==> flow/design.v <==
module mult_top #(
    parameter int BITS = 28
) (
    input logic aclk,
    input logic adv,
    input logic signed [BITS-1:0] rs1,
    input logic signed [BITS-1:0] rs2,
    output logic signed [2*BITS-1:0] m
);
    logic signed [BITS-1:0] rs1_d1;
    logic signed [BITS-1:0] rs2_d1;
    assign m = rs1_d1 * rs2_d1;
    always_ff @(posedge aclk) begin
        if (adv) begin
            rs1_d1 <= rs1;
            rs2_d1 <= rs2;
        end
    end
endmodule
### Step by step through the tools: mult_top

The steps from the RTL of mult_top to its reports follow in flow order.
Line numbers count from 1 in the design file above.
Library cell names are shortened.
Not given: n/a

| design | value |
|---|---|
| design top | mult_top |
| clock input | aclk |
| standard-cell library | sky130hd |
| library corner | tt_025C_1v80 |

### Word level

Source: Yosys, flattened and elaborated, memories not mapped. Widths are those after wreduce; folded enables and synchronous resets count as part of the registers. Registers that Yosys merges into a memory's read port (data or address) are not register bits. Print and check cells do not count. Equal cells are merged and count once.

| bit counts | value |
|---|---|
| flip-flop bits (word level) | 56 |
| latch bits | 0 |
| bits in writable memories | 0 |
| bits in read-only memories | 0 |
| clocked read ports x word width | 0 |
| memories | 0 |
| output and inout port bits | 56 |
| cells after elaboration | 3 |

| cells by class | value |
|---|---|
| $add $sub $neg | 0 |
| $mul | 1 |
| div/mod/pow operators | 0 |
| $lt $le $gt $ge | 0 |
| eq/ne operators | 0 |
| shift operators | 0 |
| multiplexer cells | 0 |
| bitwise logic cells | 0 |
| reductions and logical operators | 0 |

Operators by type and width:

| kind | number |
|---|---|
| multiplier 28 x 28 -> 56 bit | 1 |

### Longest topological paths

Yosys ltp: most cells in a row. Word level: on the elaborated netlist, between registers, memories and ports. Mapped: between sequential cells and ports; inverters and the memories' decode and read muxes count.

| depth | value |
|---|---|
| depth after elaboration | 1 |
| ABC_AREA | 0 |
| depth in mapped cells | 28 |
| gate-level depth less buffers | 26 |

### Synthesis result

The flow's flattened synthesis, as Yosys stat reports it; memories are mapped. The netlist is that of the ABC_AREA named above (0 if unset); the other value can give another one.

Cell types:

| type | number | area in all (µm²) |
|---|---|---|
| fa_1 | 823 | 1.65E+04 |
| inv_1 | 801 | 3.01E+03 |
| and2_1 | 400 | 2502.4 |
| ha_1 | 185 | 2314.72 |
| edfxtp_1 | 56 | 1.68E+03 |
| nand2_1 | 383 | 1.44E+03 |
| clkbuf_1 | 164 | 615.59 |
| xnor2_1 | 40 | 350.336 |
| a21oi_1 | 44 | 220.211 |
| nor2b_1 | 29 | 181.424 |
| xor2_1 | 20 | 175.168 |
| a21o_1 | 19 | 142.637 |
| nor2_1 | 26 | 97.594 |
| o21ai_0 | 19 | 95.091 |
| nand2b_1 | 13 | 81.328 |
| o211ai_1 | 10 | 75.072 |
| o21a_1 | 8 | 60.058 |
| nand3_1 | 8 | 40.038 |

Not listed: further types 34, cells in them 68.

| mapped netlist | value |
|---|---|
| cells in the netlist | 3116 |
| cell area after synthesis | 30071.3 µm² |
| mapped flip-flops | 56 |
| buffer cells | 164 |

### Worst setup path after synthesis

OpenSTA on the mapped netlist: ideal clock, no wires. The path of least setup slack (recovery checks aside). Input and output delay are each 20% of the period. Register names are those of the netlist, which keeps one name where synthesis merged equal registers.

| timing post-synthesis | value |
|---|---|
| path type | register to output |
| start point | register rs1_d1[27] |
| end point | output port m[52] |
| clock period | 12000 ps |
| output delay | 2400 ps |
| arrival | 7698 ps |
| data required time | 9600 ps |
| slack | 1902 ps |
| delay of the path | 7698 ps |
| stages | 24 |
| synthesis period reached | 10098 ps |

"delay of the path" is the arrival time less input delay plus setup time.
At an output port there is no setup time.
"stages" counts driving pins, that of a launching flip-flop among them; a cell with two outputs on the path counts twice.
"synthesis period reached" = period - worst setup slack (recovery checks aside). The figure is calculated, with input and output delays left at 20% of the set period.
The rows between start and end are the longest chain of elaborated cells between them; the timing report does not say that the signal goes this way. Where chains are equally long, one stands for them.
Each line given opens the expression or statement behind the cell; cells for indexed reads and writes are added by Yosys, which also makes memories of some case tables.

| between the ends, post-synthesis | value |
|---|---|
| cells stage by stage | edfxtp_1 clkbuf_1 clkbuf_1 and2_1 fa_1 inv_1 fa_1 inv_1 fa_1 fa_1 inv_1 fa_1 inv_1 fa_1 fa_1 ha_1 ha_1 and4_1 nand4_1 or3b_2 a22o_1 o311a_1 a21oi_1 xor2_1 |
| length of the longest elaborated chain | 1 |
| elaborated cells on any way between the ends | 1 |
| source lines of those cells | 1 |

RTL lines, path post-synthesis:

| element | RTL line | RTL |
|---|---|---|
| start, declared | 10 | `logic signed [BITS-1:0] rs1_d1;` |
| start, assigned | 15 | `rs1_d1 <= rs1;` |
| multiplier 28 x 28 -> 56 bit | 12 | `assign m = rs1_d1 * rs2_d1;` |
| end, declared | 8 | `output logic signed [2*BITS-1:0] m` |

### Worst path after layout

From the final timing report of run A: the path of least setup slack in the routed layout; clock arrival at registers is part of the times.
The report prints the path's times to 10 ps; the period is as set.

| timing post-layout | value |
|---|---|
| path type | register to output |
| start point | register rs2_d1[22] |
| end point | output port m[54] |
| clock period | 12000 ps |
| output delay | 2400 ps |
| arrival | 9170 ps |
| data required time | 9600 ps |
| slack | 430 ps |
| stages | 23 |

The rows between start and end are the longest chain of elaborated cells between them; the timing report does not say that the signal goes this way. Where chains are equally long, one stands for them.

| between the ends, post-layout | value |
|---|---|
| cells stage by stage | edfxtp_1 and2_1 fa_1 inv_1 fa_1 inv_1 fa_1 fa_1 fa_1 fa_1 fa_1 fa_1 ha_1 nand3_1 or4_1 o22ai_2 buf_4 o31ai_2 o31ai_1 a21oi_1 o211ai_1 xor2_1 clkdlybuf4s50_1 |
| length of the longest elaborated chain | 1 |
| elaborated cells on any way between the ends | 1 |
| source lines of those cells | 1 |

RTL lines, path post-layout:

| element | RTL line | RTL |
|---|---|---|
| start, declared | 11 | `logic signed [BITS-1:0] rs2_d1;` |
| start, assigned | 16 | `rs2_d1 <= rs2;` |
| multiplier 28 x 28 -> 56 bit | 12 | `assign m = rs1_d1 * rs2_d1;` |
| end, declared | 8 | `output logic signed [2*BITS-1:0] m` |

Measured data: module mult_top, platform sky130hd, 3 stored runs of the flow under differing settings, order arbitrary. Input and output delays are each 20% of the period that was set; the output load is 0.01 pF.
"period achieved" is the run's clock period less its worst setup slack. It is reckoned from that one timing run; input and output delays stay at 20% of the period that was set.
"time of the worst setup path": the worst setup path's part of the clock period (all of it between registers, 20% less for each end at a port) less its slack. A launch clock that arrives late makes it longer, a capture clock that arrives late makes it shorter.
"time of the worst setup path" is known to 10 ps.

#### Run A

| setting | value |
|---|---|
| period_ns | `12.0` |
| CAP_MARGIN | `20` |
| CORE_MARGIN | `2` |
| CORE_UTILIZATION | `40` |
| SLEW_MARGIN | `20` |

| result | value |
|---|---|
| post-route utilization | 44.4 % |
| time of the worst setup path | 9170 ps |
| type of the worst setup path | register to output |
| chip area in the Yosys report | 30071.3 µm² |
| period achieved | 11572 ps |
| standard-cell area after routing | 33050.4 µm² |
| setup total negative slack | 0 ps |
| lowest setup slack | 428 ps |
| die outline area | 77386.9 µm² |
| worst hold slack in the final report | 2598 ps |

#### Run B

| setting | value |
|---|---|
| period_ns | `15.2` |
| CORE_UTILIZATION | `49` |
| PLACE_DENSITY | `0.61` |
| GPL_ROUTABILITY_DRIVEN | `0` |
| CTS_CLUSTER_SIZE | `86` |
| MIN_ROUTING_LAYER | `met1` |
| MAX_ROUTING_LAYER | `met5` |
| CAP_MARGIN | `20` |
| CORE_MARGIN | `2` |
| SLEW_MARGIN | `20` |

| result | value |
|---|---|
| post-route utilization | 53.0 % |
| time of the worst setup path | 9910 ps |
| type of the worst setup path | register to output |
| chip area in the Yosys report | 30071.3 µm² |
| period achieved | 12951 ps |
| standard-cell area after routing | 32075.8 µm² |
| setup total negative slack | 0 ps |
| lowest setup slack | 2249 ps |
| die outline area | 63368.0 µm² |
| worst hold slack in the final report | 3219 ps |

#### Run C

| setting | value |
|---|---|
| period_ns | `11.3` |
| CORE_UTILIZATION | `52` |
| PLACE_DENSITY_LB_ADDON | `0.11` |
| TNS_END_PERCENT | `75` |
| MIN_ROUTING_LAYER | `met1` |
| MAX_ROUTING_LAYER | `met4` |
| CAP_MARGIN | `20` |
| CORE_MARGIN | `2` |
| SLEW_MARGIN | `20` |

| result | value |
|---|---|
| post-route utilization | 57.8 % |
| time of the worst setup path | 8790 ps |
| type of the worst setup path | register to output |
| chip area in the Yosys report | 30071.3 µm² |
| period achieved | 11051 ps |
| standard-cell area after routing | 33230.6 µm² |
| setup total negative slack | 0 ps |
| lowest setup slack | 249 ps |
| die outline area | 59768.0 µm² |
| worst hold slack in the final report | 2457 ps |
